==> flow/design.v <==
module u_mul_unit #(
   parameter DATA_WIDTH = 5
) (
   input  clock,
   input  aresetn,
   input  [DATA_WIDTH-1:0] first,
   input  [DATA_WIDTH-1:0] second,
   input  [2*DATA_WIDTH-1:0] third,
   output [2*DATA_WIDTH:0] m
);
   reg [DATA_WIDTH-1:0] first_ff;
   reg [DATA_WIDTH-1:0] second_ff;
   reg [2*DATA_WIDTH-1:0] third_ff;
   always @(posedge clock) begin
      if (!aresetn) begin
         first_ff <= 0;
         second_ff <= 0;
         third_ff <= 0;
      end else begin
         first_ff <= first;
         second_ff <= second;
         third_ff <= third;
      end
   end
   assign m = first_ff * second_ff + third_ff;
endmodule
# Tool chain data of u_mul_unit
# A sweep over "DATA_WIDTH": the same steps for each member of the family.
# The RTL above is that of DATA_WIDTH = 5; lines are counted from 1 in the file of the member named.
# Operators carry their Yosys type and port widths (W data, S select, Z words).
# Library cell names are shortened.
# A cell with n/a has no value.
[design]
design = "u_mul_unit"
clk_port = "clock"
lib = "sky130hd"
corner = "tt_025C_1v80"

# Members of the sweep
# Lines of each other member's file that are new or changed against the file above; lines that a member lacks are not shown.
[changed_lines]
columns = ["DATA_WIDTH", "line", "source"]
rows = [
  [9, 2, "parameter DATA_WIDTH = 9"],
  [16, 2, "parameter DATA_WIDTH = 16"],
]

# Elaborated design
# Counts by Yosys on the flattened word-level netlist (proc, flatten, opt, wreduce; memories kept). Register bits leave out memories and registers merged into their read ports (data or address); mux counts leave out enables and synchronous resets folded into registers. Print and check cells are left out. Cells with the same type and inputs are merged into one.
[word_totals]
columns = ["DATA_WIDTH", "register_bits", "in_bits", "output_inout_bits", "word_cells"]
rows = [
  [5, 20, 22, 11, 5],
  [9, 36, 38, 19, 5],
  [16, 64, 66, 33, 5],
]
[classes]
columns = ["DATA_WIDTH", "n_addsub", "n_mul"]
rows = [
  [5, 1, 1],
  [9, 1, 1],
  [16, 1, 1],
]
[ops]
columns = ["DATA_WIDTH", "op_list"]
rows = [
  [5, "1 x $mul A5 B5 Y10; 1 x $add A10 B10 Y11"],
  [9, "1 x $mul A9 B9 Y18; 1 x $add A18 B18 Y19"],
  [16, "1 x $mul A16 B16 Y32; 1 x $add A32 B32 Y33"],
]

# Longest topological paths
# Yosys ltp: most cells in a row. Word level: on the elaborated netlist, between registers, memories and ports. Mapped: between sequential cells and ports; inverters and the memories' decode and read muxes count.
[logic_depth]
columns = ["DATA_WIDTH", "word_depth", "abc_area", "ltp_mapped"]
rows = [
  [5, 2, 0, 12],
  [9, 2, 0, 19],
  [16, 2, 0, 23],
]

# Mapped cells and area
# Yosys stat after the flow's synthesis: flattened, memories mapped to cells. It holds for the ABC_AREA given above (unset counts as 0); a run with the other value may have another netlist.
[by_type]
columns = ["DATA_WIDTH", "type_list"]
rows = [
  [5, "20 x dfxtp_1; 17 x fa_1; 19 x ha_1; 34 x and2_1; 20 x inv_1; 15 x nand2_1; 3 x xnor2_1; 3 x xor2_1; 4 x a21oi_1; 2 x mux2i_1; 1 x o31ai_2; 1 x and4b_1; 2 x nand3_1; 2 x o21ai_0; 1 x a21o_2; 1 x a21oi_2; 1 x a211oi_1; 1 x a21o_1; (+7)"],
  [9, "64 x fa_1; 36 x dfxtp_1; 49 x ha_1; 87 x and2_1; 98 x inv_1; 42 x nand2_1; 13 x a21oi_1; 7 x xnor2_1; 7 x xor2_1; 4 x nor3_2; 7 x nand3_1; 4 x a21o_1; 6 x o21ai_0; 2 x a211oi_2; 6 x clkbuf_1; 3 x o211ai_1; 1 x nand3b_4; 3 x and3_1; (+28)"],
  [16, "226 x fa_1; 104 x ha_1; 344 x inv_1; 64 x dfxtp_1; 193 x and2_1; 149 x nand2_1; 43 x clkbuf_1; 29 x a21oi_1; 15 x xnor2_1; 12 x xor2_1; 14 x o21ai_0; 17 x nor2_1; 6 x a21o_1; 7 x nand3_1; 5 x nor2b_1; 4 x o21a_1; 4 x o21bai_1; 3 x and4_1; (+45)"],
]
# A list marked (+n) leaves out that many cells.
[synth_totals]
columns = ["DATA_WIDTH", "stdcells", "synth_area_um2", "seqArea_um2", "ff_cells", "buffers"]
rows = [
  [5, 154, 1527.7, 400.4, 20, 2],
  [9, 467, 4344.2, 720.7, 36, 8],
  [16, 1284, 11395.9, 1281.2, 64, 44],
]

# Path before layout
# Source: OpenSTA report_checks on the synthesized netlist (no wires, ideal clock, input and output delay 20% of the period each), path of least setup slack; recovery checks are left aside. Register names are those of the netlist, which keeps one name where synthesis merged equal registers.
[synth_path]
columns = ["DATA_WIDTH", "kind", "from", "to", "clock_period_ns", "slack_ns", "stages", "path_delay_ns", "synth_period_reached_ns"]
rows = [
  [5, "register to output", "register second_ff[4]", "output m[8]", 4.85, 0.775, 11, 3.105, 4.075],
  [9, "register to output", "register second_ff[0]", "output m[12]", 7.28, 1.167, 19, 4.657, 6.113],
  [16, "register to output", "register second_ff[1]", "output m[20]", 9.14, 1.464, 20, 5.848, 7.676],
]
# "path_delay_ns" = arrival - input delay + setup time.
# At an output port there is no setup time.
# "stages" counts driving pins, that of a launching flip-flop among them; a cell with two outputs on the path counts twice.
# "synth_period_reached_ns" is the clock period less the worst setup slack; recovery checks do not enter. This is arithmetic on one report: input and output delays are still those of the set period (20% each).
# Between the ends stands the longest chain of elaborated cells between them, by number of cells; it is not shown to be the way that was timed. Of several equally long chains one is given.
# Each line given opens the expression or statement behind the cell; cells for indexed reads and writes are added by Yosys, which also makes memories of some case tables.
[synth_between_DATA_WIDTH_5]
elab_chain_len = 2
[synth_rtl_DATA_WIDTH_5]
columns = ["element", "line", "source"]
rows = [
  ["from (decl)", 12, "reg [DATA_WIDTH-1:0] second_ff;"],
  ["from (assign)", 17, "second_ff <= 0;"],
  ["from (assign)", 21, "second_ff <= second;"],
  ["$mul A5 B5 Y10", 25, "assign m = first_ff * second_ff + third_ff;"],
  ["$add A10 B10 Y11", 25, ""],
  ["to (decl)", 9, "output [2*DATA_WIDTH:0] m"],
]
[synth_between_DATA_WIDTH_16]
elab_chain_len = 2
[synth_rtl_DATA_WIDTH_16]
columns = ["element", "line", "source"]
rows = [
  ["from (decl)", 12, "reg [DATA_WIDTH-1:0] second_ff;"],
  ["from (assign)", 17, "second_ff <= 0;"],
  ["from (assign)", 21, "second_ff <= second;"],
  ["$mul A16 B16 Y32", 25, "assign m = first_ff * second_ff + third_ff;"],
  ["$add A32 B32 Y33", 25, ""],
  ["to (decl)", 9, "output [2*DATA_WIDTH:0] m"],
]

# Worst path after layout
# Path of least setup slack in the final report of the run of each member (OpenROAD, finished layout, wires in). Where an end is a register, its clock arrival counts in the times.
[layout_path]
columns = ["DATA_WIDTH", "kind", "from", "to", "clock_period_ns", "slack_ns", "stages", "t_arrival_ns"]
rows = [
  [5, "register to output", "register second_ff[4]", "output m[8]", 4.85, 0.19, 12, 3.69],
  [9, "register to output", "register second_ff[2]", "output m[12]", 7.28, 0.27, 19, 5.55],
  [16, "register to output", "register first_ff[8]", "output m[31]", 9.14, 0.29, 21, 7.02],
]

# Layout results
# Settings and results of one run of the flow (Yosys, OpenROAD) for each member follow. The constraints put input and output delay at 20% of the set period each and load the outputs with 0.01 pF.
[flow_settings]
CAP_MARGIN = 20
CORE_MARGIN = 2
CORE_UTILIZATION = 40
SLEW_MARGIN = 20
[settings_by_member]
columns = ["DATA_WIDTH", "period_ns"]
rows = [
  [5, 4.85],
  [9, 7.28],
  [16, 9.14],
]
[measured]
columns = ["DATA_WIDTH", "synth_chip_area_um2", "design.die.area_um2", "finalCellArea_um2", "util_pct", "worst_setup_slack_ns", "tns_setup_ns", "hold_ws_ns", "power_mw", "timing.achieved_period_ns"]
rows = [
  [5, 1527.7, 4329.6, 2016.9, 55.1, 0.186, 0.000, 1.273, 0.4409, 4.664],
  [9, 4344.2, 11710.5, 5181.2, 48.4, 0.273, 0.000, 1.713, 0.7362, 7.007],
  [16, 11395.9, 29856.4, 13070.0, 46.8, 0.295, 0.000, 2.043, 1.967, 8.845],
]
# "timing.achieved_period_ns" means the clock period less the worst setup slack. The figure is calculated, with input and output delays left at 20% of the set period.
# By "power_mw" is meant OpenSTA's value without simulated activity: inputs other than the clock are taken to toggle once in ten clock periods, and the tool carries that through the logic.
